==> flow/design.v <==
module alu_add_core_blk #(
   parameter integer W = 40
) (
   input  clk,
   input  [W-1:0] rs1,
   input  [W-1:0] rs2,
   input  cin,
   output reg [W-1:0] total,
   output reg cy
);
   reg [W-1:0] rs1_d1;
   reg [W-1:0] rs2_d1;
   reg cin_d1;
   wire [W:0] cur;
   assign cur = rs1_d1 + rs2_d1 + cin_d1;
   always @(posedge clk) begin
      rs1_d1 <= rs1;
      rs2_d1 <= rs2;
      cin_d1 <= cin;
      total <= cur[W-1:0];
      cy <= cur[W];
   end
endmodule
* Tool chain data of alu_add_core_blk *
What the tools print for alu_add_core_blk, step after step.
Line numbers count from 1 in the design file above.
Operators: Yosys type, input widths -> output width; for muxes data width and select width s.
Library cell names are shortened.
Not given: -

set-up
  top = alu_add_core_blk
  clock = clk
  library = sky130hd
  corner = tt_025C_1v80

* Elaborated design *
Counts by Yosys on the flattened word-level netlist (proc, flatten, opt, wreduce; memories kept). Register bits leave out memories and registers merged into their read ports (data or address); mux counts leave out enables and synchronous resets folded into registers. Print and check cells are left out. Cells with the same type and inputs are merged into one.

word-level totals
  bits in read-only memories = 0
  bits in latches = 0
  input bits = 82
  register bits = 122
  bits in writable memories = 0
  clocked read ports x word width = 0
  memories = 0
  output and inout port bits = 41

operators by class
  multiplexer cells = 0
  bitwise gates (word level) = 0
  multipliers = 0
  reductions and logical operators = 0
  $add $sub $neg = 2
  divide/modulo/power cells = 0
  $lt $le $gt $ge = 0
  shifts and indexed selects = 0
  eq/ne operators = 0

operators with widths
  kind            number
  $add 40x40->41  1
  $add 41x1->41   1

* Longest topological paths *
Depth = most cells in a row (Yosys ltp): at word level without a register or memory, in the mapped netlist without a sequential cell, where the memories' decode and read muxes count.

depth
  word-level depth = 2
  ABC_AREA = 0
  gate-level depth with buffers = 9
  gate-level depth less buffers = 9

* Mapped cells and area *
Yosys stat after the flow's synthesis: flattened, memories mapped to cells. It holds for the ABC_AREA given above (unset counts as 0); a run with the other value may have another netlist.
Totals and module areas in this step are rounded.

mapped netlist
  buffer cells = 9
  standard cells after synthesis = 482
  sequential area = 2442 µm²
  synthesis area = 4938 µm²
  mapped flip-flops = 122

cell types
  cell      number  area in all (µm²)
  dfxtp_1   122     2.44E+03
  ha_1      39      487.968
  a21oi_1   48      240.23
  xnor2_1   21      183.926
  o21ai_0   27      135.13
  a21o_1    17      127.622
  nand2_1   33      123.869
  xor2_1    12      105.101
  nor2_1    22      82.579
  o21bai_1  10      75.072
  nor3_1    11      55.053
  nand3_1   9       45.043
  nand4_1   7       43.792
  inv_1     11      41.29
  fa_1      2       40.038
  a211oi_1  5       37.536
  and2_1    6       37.536
  nand2b_1  6       37.536

Not listed: further types 40, cells in them 74.

* Path before layout *
OpenSTA on the mapped netlist: ideal clock, no wires. The path of least setup slack (recovery checks aside). Input and output delay are each 20% of the period. Register names are those of the netlist, which keeps one name where synthesis merged equal registers.

path after synthesis
  path type = register to register
  from = reg rs1_d1[0]
  to = reg cy
  setup time = 0.117 ns
  path delay = 2.549 ns
  arrival = 2.432 ns
  stages on the path = 10
  path slack = 0.641 ns
  clock period = 3.19 ns
  data required time = 3.073 ns
  synthesis period reached = 2.549 ns

"path delay" = arrival - input delay + setup time.
"stages on the path": output pins that drive a net of the path, with the launching flip-flop's if there is one; two outputs of one cell count as two.
"synthesis period reached" is the clock period less the worst setup slack; recovery checks do not enter. This is arithmetic on one report: input and output delays are still those of the set period (20% each).
Between the ends stands the longest chain of elaborated cells between them, by number of cells; it is not shown to be the way that was timed. Of several equally long chains one is given.
A line is the first line of the expression or statement that the cell stems from. Yosys adds cells for indexed reads and writes and turns some case tables into memories.

between the ends, after synthesis
  cell sequence = dfxtp_1 fa_1 fa_1 a211oi_1 o21ai_0 nand4_1 a211oi_1 o31ai_1 a21oi_1 o22a_1
  length of the longest elaborated chain = 2
  elaborated cells on any way between the ends = 2
  RTL lines with such cells = 1
  those cells by class = add/sub (2)

RTL lines, path after synthesis
  element          RTL line  text
  start, declared  11        reg [W-1:0] rs1_d1;
  start, assigned  17        rs1_d1 <= rs1;
  $add 40x40->41   15        assign cur = rs1_d1 + rs2_d1 + cin_d1;
  $add 41x1->41    15
  end, assigned    21        cy <= cur[W];
  end, declared    9         output reg cy

* Timing after layout *
From the final timing report of flow run A: the path of least setup slack in the routed layout; clock arrival at registers is part of the times.

path after layout
  path type = register to register
  from = reg rs1_d1[0]
  to = reg cy
  arrival = 3.41 ns
  path slack = 0.54 ns
  data required time = 3.96 ns
  stages on the path = 10
  clock period = 3.55 ns
  setup time = 0.10 ns

Between the ends stands the longest chain of elaborated cells between them, by number of cells; it is not shown to be the way that was timed. Of several equally long chains one is given.

between the ends, after layout
  cell sequence = dfxtp_1 fa_1 fa_1 a211oi_1 o21ai_0 nand4_1 a211oi_1 o31ai_1 a21oi_1 o22a_1
  length of the longest elaborated chain = 2
  elaborated cells on any way between the ends = 2
  RTL lines with such cells = 1
  those cells by class = add/sub (2)

RTL lines, path after layout
  element          RTL line  text
  start, declared  11        reg [W-1:0] rs1_d1;
  start, assigned  17        rs1_d1 <= rs1;
  $add 40x40->41   15        assign cur = rs1_d1 + rs2_d1 + cin_d1;
  $add 41x1->41    15
  end, assigned    21        cy <= cur[W];
  end, declared    9         output reg cy

Top module alu_add_core_blk; platform sky130hd; tools Yosys and OpenROAD; 3 stored runs in no particular order. Input and output delays are each 20% of the period that was set; the output load is 0.01 pF.
"clock period reached": clock period set for the run, less the worst setup slack. It is reckoned from that one timing run; input and output delays stay at 20% of the period that was set.
By "total power of the final layout" is meant OpenSTA's value without simulated activity: inputs other than the clock are taken to toggle once in ten clock periods, and the tool carries that through the logic.
Results are given in rounded form.
A setting shown as . is not set for that run.

name                                  flow run A  flow run B  flow run C
period_ns                             3.55        3.19        3.02
CORE_UTILIZATION                      52          40          33
SETUP_SLACK_MARGIN                    0.02        .           0.18
CTS_CLUSTER_SIZE                      33          .           .
CTS_CLUSTER_DIAMETER                  129         .           .
MAX_ROUTING_LAYER                     met5        .           .
CAP_MARGIN                            20          20          20
CORE_MARGIN                           2           2           10
SLEW_MARGIN                           20          20          20
PLACE_DENSITY_LB_ADDON                .           .           0.09
TNS_END_PERCENT                       .           .           25
GPL_ROUTABILITY_DRIVEN                .           .           0
utilization after routing (%)         74.9        57.4        47.9
total die area (µm²)                  10290       13250       20260
lowest setup slack (ns)               0.543       0.363       0.311
total power of the final layout (mW)  4.267       4.622       4.859
synthesized cell area (µm²)           4938        4938        4938
clock period reached (ns)             3.007       2.827       2.709
